==> flow/design.v <==
module sync_relation_top #(
  parameter DWIDTH = 14,
  parameter NUM = 5
) (
  input  logic sys_clk,
  input  logic RSTN,
  input  logic [NUM*DWIDTH-1:0] data,
  output logic [DWIDTH-1:0] hi
);
  logic [NUM*DWIDTH-1:0] data_d1;
  always_ff @(posedge sys_clk) begin
    if (!RSTN) begin
      data_d1 <= '0;
    end else begin
      data_d1 <= data;
    end
  end
  wire [DWIDTH-1:0] node [1:2*NUM-1];
  generate
    for (genvar gi = 0; gi < NUM; gi++) begin : row
      assign node[NUM+gi] = data_d1[gi*DWIDTH +: DWIDTH];
    end
    for (genvar gi = 1; gi < NUM; gi++) begin : each
      assign node[gi] = (node[2*gi] > node[2*gi+1]) ? node[2*gi] : node[2*gi+1];
    end
  endgenerate
  assign hi = node[1];
endmodule
==> reports on sync_relation_top <==
* Step by step through the tools: sync_relation_top
A sweep over "NUM": the same steps for each member of the family.
The file above is the member NUM 5. Line numbers count from 1 in each member's own file.
Operators carry their Yosys type and port widths (W data, S select, Z words).
Library cell names are shortened.
Not given: n/a
- Design top :: sync_relation_top
- Clock port :: sys_clk
- Standard-cell library :: sky130hd
- Library corner :: tt_025C_1v80

* Members of the sweep
Lines of each other member's file that are new or changed against the file above; lines that a member lacks are not shown.
** New or changed lines
- NUM 7 :: RTL line 3 : parameter NUM = 7
- NUM 8 :: RTL line 3 : parameter NUM = 8
- NUM 12 :: RTL line 3 : parameter NUM = 12
- NUM 20 :: RTL line 3 : parameter NUM = 20

* Word level
Yosys after proc, flatten, opt, wreduce and memory -nomap, before mapping. Enables and synchronous resets that opt folds into registers are not counted as muxes. Print and check cells are not counted. Equal cells are merged and count once.
** Bit counts
- NUM 5 :: output and inout port bits 14, input bits 72, bits in registers 70
- NUM 7 :: output and inout port bits 14, input bits 100, bits in registers 98
- NUM 8 :: output and inout port bits 14, input bits 114, bits in registers 112
- NUM 12 :: output and inout port bits 14, input bits 170, bits in registers 168
- NUM 20 :: output and inout port bits 14, input bits 282, bits in registers 280
** Operators by class
- NUM 5 :: $lt $le $gt $ge 4, muxes and demuxes 4
- NUM 7 :: $lt $le $gt $ge 6, muxes and demuxes 6
- NUM 8 :: $lt $le $gt $ge 7, muxes and demuxes 7
- NUM 12 :: $lt $le $gt $ge 11, muxes and demuxes 11
- NUM 20 :: $lt $le $gt $ge 19, muxes and demuxes 19
** Operator list (kind and count)
- NUM 5 :: $gt A14 B14 Y1 (4); $mux W14 (4)
- NUM 7 :: $gt A14 B14 Y1 (6); $mux W14 (6)
- NUM 8 :: $gt A14 B14 Y1 (7); $mux W14 (7)
- NUM 12 :: $gt A14 B14 Y1 (11); $mux W14 (11)
- NUM 20 :: $gt A14 B14 Y1 (19); $mux W14 (19)

* Longest topological paths
Longest topological path by Yosys (ltp), each cell counted once; first at word level (registers and memories cut), then after technology mapping (sequential cells cut; the memories' decode and read muxes count).
** Depth
- NUM 5 :: word-level depth 6, ABC_AREA 0, gate-level depth with buffers 26
- NUM 7 :: word-level depth 6, ABC_AREA 0, gate-level depth with buffers 28
- NUM 8 :: word-level depth 6, ABC_AREA 0, gate-level depth with buffers 33
- NUM 12 :: word-level depth 8, ABC_AREA 0, gate-level depth with buffers 51
- NUM 20 :: word-level depth 10, ABC_AREA 0, gate-level depth with buffers 64

* Mapped cells and area
Source: synth_stat.txt of the flow (Yosys; design flattened, memories mapped). It holds for the ABC_AREA given above (unset counts as 0); a run with the other value may have another netlist.
The area totals of this step are shown rounded.
** Synthesis totals
- NUM 5 :: chip area (Yosys) 3910 um2, area of sequential cells 1400 um2, mapped flip-flops 70, cell count 410
- NUM 7 :: chip area (Yosys) 5730 um2, area of sequential cells 1960 um2, mapped flip-flops 98, cell count 621
- NUM 8 :: chip area (Yosys) 6780 um2, area of sequential cells 2240 um2, mapped flip-flops 112, cell count 743
- NUM 12 :: chip area (Yosys) 10400 um2, area of sequential cells 3360 um2, mapped flip-flops 168, cell count 1141
- NUM 20 :: chip area (Yosys) 17600 um2, area of sequential cells 5610 um2, mapped flip-flops 280, cell count 1980
** Cells by type (types with counts)
- NUM 5 :: dfxtp_1 (70); ha_1 (56); and2_1 (70); mux2i_1 (42); inv_1 (61); mux2_2 (12); a21oi_1 (20); nand4_1 (9); nand2_1 (12); o21ai_0 (8); a21o_1 (5); nor2_1 (9); clkbuf_1 (7); buf_6 (2); nor4_4 (1); a211oi_1 (2); mux2_4 (1); o31ai_1 (2); [+21]
- NUM 7 :: dfxtp_1 (98); ha_1 (84); and2_1 (98); mux2i_1 (55); inv_1 (100); a21oi_1 (45); mux2_2 (14); nor2_1 (20); nand4_1 (10); nand3_1 (12); a21o_1 (7); nand2_1 (14); clkbuf_1 (11); a211oi_1 (4); a21boi_0 (4); and4_1 (3); o21ai_0 (5); mux2i_4 (1); [+36]
- NUM 8 :: dfxtp_1 (112); ha_1 (95); and2_1 (114); mux2i_1 (52); inv_1 (89); a21oi_1 (41); a21o_1 (14); nor2_1 (27); a22o_1 (11); nand2_1 (24); nand4_1 (14); a31oi_1 (12); clkbuf_1 (20); o31ai_1 (9); o21ai_0 (13); nand2b_1 (9); a211oi_1 (7); o31ai_4 (2); [+78]
- NUM 12 :: dfxtp_1 (168); ha_1 (148); and2_1 (168); mux2i_1 (85); inv_1 (145); a21oi_1 (66); a21o_1 (26); mux2_2 (16); o21a_1 (23); o211ai_1 (22); nand4_1 (25); clkbuf_1 (34); nor2_1 (33); o21ai_1 (22); o21ai_0 (20); nand2_1 (25); nand4bb_1 (8); nor2b_1 (12); [+95]
- NUM 20 :: dfxtp_1 (280); ha_1 (261); mux2i_1 (186); and2_1 (283); inv_1 (260); a21oi_1 (109); o21ai_0 (86); nand2_1 (75); nand4_1 (42); a21o_1 (33); nor2b_1 (39); clkbuf_1 (62); mux2_2 (19); nor2_1 (56); nand2b_1 (22); nor3_1 (17); o31a_1 (9); nor4_1 (10); [+131]
A list marked [+n] leaves out that many cells.

* Worst setup path after synthesis
OpenSTA on the mapped netlist: ideal clock, no wires. The path of least setup slack (recovery checks aside). Input and output delay are each 20% of the period. Register names are those of the netlist, which keeps one name where synthesis merged equal registers.
** Timing post-synthesis
- NUM 5 :: path type register to output, start point register data_d1[69], end point output port hi[10], stages on the path 26, period 8.36 ns, slack 1.335 ns, path delay 5.353 ns, period reached after synthesis 7.025 ns
- NUM 7 :: path type register to output, start point register data_d1[97], end point output port hi[10], stages on the path 27, period 8.14 ns, slack 1.304 ns, path delay 5.208 ns, period reached after synthesis 6.836 ns
- NUM 8 :: path type register to output, start point register data_d1[27], end point output port hi[10], stages on the path 32, period 9.65 ns, slack 1.547 ns, path delay 6.173 ns, period reached after synthesis 8.103 ns
- NUM 12 :: path type register to output, start point register data_d1[139], end point output port hi[12], stages on the path 51, period 12.9 ns, slack 2.059 ns, path delay 8.261 ns, period reached after synthesis 10.841 ns
- NUM 20 :: path type register to output, start point register data_d1[189], end point output port hi[12], stages on the path 57, period 17.3 ns, slack 2.768 ns, path delay 11.072 ns, period reached after synthesis 14.532 ns
"path delay" is the arrival time less input delay plus setup time.
At an output port there is no setup time.
"stages on the path" counts driving pins, that of a launching flip-flop among them; a cell with two outputs on the path counts twice.
"period reached after synthesis" = period - worst setup slack (recovery checks aside). The figure is calculated, with input and output delays left at 20% of the set period.
Between the ends stands the longest chain of elaborated cells between them, by number of cells; it is not shown to be the way that was timed. Of several equally long chains one is given.
A line is the first line of the expression or statement that the cell stems from. Yosys adds cells for indexed reads and writes and turns some case tables into memories.
Between the ends, post-synthesis, NUM 5:
- Length of the longest elaborated chain :: 6
** RTL lines, path post-synthesis, NUM 5
- from (decl) :: RTL line 10 : logic [NUM*DWIDTH-1:0] data_d1;
- from (assign) :: RTL line 13 : data_d1 <= '0;
- from (assign) :: RTL line 15 : data_d1 <= data;
- $gt A14 B14 Y1 :: RTL line 24 : assign node[gi] = (node[2*gi] > node[2*gi+1]) ? node[2*gi] : node[2*gi+1];
- $mux W14 :: RTL line 24
- $gt A14 B14 Y1 :: RTL line 24
- $mux W14 :: RTL line 24
- $gt A14 B14 Y1 :: RTL line 24
- $mux W14 :: RTL line 24
- to (decl) :: RTL line 8 : output logic [DWIDTH-1:0] hi
Between the ends, post-synthesis, NUM 20:
- Length of the longest elaborated chain :: 10
** RTL lines, path post-synthesis, NUM 20
- from (decl) :: RTL line 10 : logic [NUM*DWIDTH-1:0] data_d1;
- from (assign) :: RTL line 13 : data_d1 <= '0;
- from (assign) :: RTL line 15 : data_d1 <= data;
- $gt A14 B14 Y1 :: RTL line 24 : assign node[gi] = (node[2*gi] > node[2*gi+1]) ? node[2*gi] : node[2*gi+1];
- $mux W14 :: RTL line 24
- $gt A14 B14 Y1 :: RTL line 24
- $mux W14 :: RTL line 24
- $gt A14 B14 Y1 :: RTL line 24
- $mux W14 :: RTL line 24
- $gt A14 B14 Y1 :: RTL line 24
- $mux W14 :: RTL line 24
- $gt A14 B14 Y1 :: RTL line 24
- $mux W14 :: RTL line 24
- to (decl) :: RTL line 8 : output logic [DWIDTH-1:0] hi

* Timing after layout
From the final timing report of each member's run: the path of least setup slack in the routed layout; clock arrival at registers is part of the times.
** Timing post-layout
- NUM 5 :: path type register to output, start point register data_d1[69], end point output port hi[9], period 8.36 ns, arrival 6.27 ns, stages on the path 25, slack 0.42 ns
- NUM 7 :: path type register to output, start point register data_d1[32], end point output port hi[2], period 8.14 ns, arrival 6.24 ns, stages on the path 26, slack 0.27 ns
- NUM 8 :: path type register to output, start point register data_d1[27], end point output port hi[5], period 9.65 ns, arrival 7.14 ns, stages on the path 30, slack 0.58 ns
- NUM 12 :: path type register to output, start point register data_d1[157], end point output port hi[12], period 12.9 ns, arrival 9.76 ns, stages on the path 46, slack 0.56 ns
- NUM 20 :: path type register to output, start point register data_d1[251], end point output port hi[11], period 17.3 ns, arrival 12.95 ns, stages on the path 53, slack 0.89 ns

* Layout results
Settings and results of one run of the flow (Yosys, OpenROAD) for each member follow. The constraints put input and output delay at 20% of the set period each and load the outputs with 0.01 pF.
- CAP_MARGIN :: 20
- CORE_MARGIN :: 2
- CORE_UTILIZATION :: 40
- SLEW_MARGIN :: 20
** Settings by member (period_ns)
- NUM 5 :: 8.36
- NUM 7 :: 8.14
- NUM 8 :: 9.65
- NUM 12 :: 12.9
- NUM 20 :: 17.3
** Results
- NUM 5 :: total power after layout 0.00097 W, reached clock period 7.941 ns, chip area in the Yosys report 3910 um2, standard-cell area after layout 5220 um2, setup slack of the worst path 0.419 ns, area inside the die boundary 10600 um2, worst-case hold slack 1.88 ns, total negative setup slack 0.000 ns
- NUM 7 :: total power after layout 0.00167 W, reached clock period 7.866 ns, chip area in the Yosys report 5730 um2, standard-cell area after layout 7790 um2, setup slack of the worst path 0.274 ns, area inside the die boundary 15300 um2, worst-case hold slack 1.85 ns, total negative setup slack 0.000 ns
- NUM 8 :: total power after layout 0.00156 W, reached clock period 9.070 ns, chip area in the Yosys report 6780 um2, standard-cell area after layout 8530 um2, setup slack of the worst path 0.580 ns, area inside the die boundary 18000 um2, worst-case hold slack 2.13 ns, total negative setup slack 0.000 ns
- NUM 12 :: total power after layout 0.00214 W, reached clock period 12.339 ns, chip area in the Yosys report 10400 um2, standard-cell area after layout 13300 um2, setup slack of the worst path 0.561 ns, area inside the die boundary 27300 um2, worst-case hold slack 2.71 ns, total negative setup slack 0.000 ns
- NUM 20 :: total power after layout 0.00314 W, reached clock period 16.406 ns, chip area in the Yosys report 17600 um2, standard-cell area after layout 22300 um2, setup slack of the worst path 0.894 ns, area inside the die boundary 45700 um2, worst-case hold slack 3.45 ns, total negative setup slack 0.000 ns
"reached clock period" is the run's clock period less its worst setup slack. It is reckoned from that one timing run; input and output delays stay at 20% of the period that was set.
By "total power after layout" is meant OpenSTA's value without simulated activity: inputs other than the clock are taken to toggle once in ten clock periods, and the tool carries that through the logic.
The results are shown rounded.
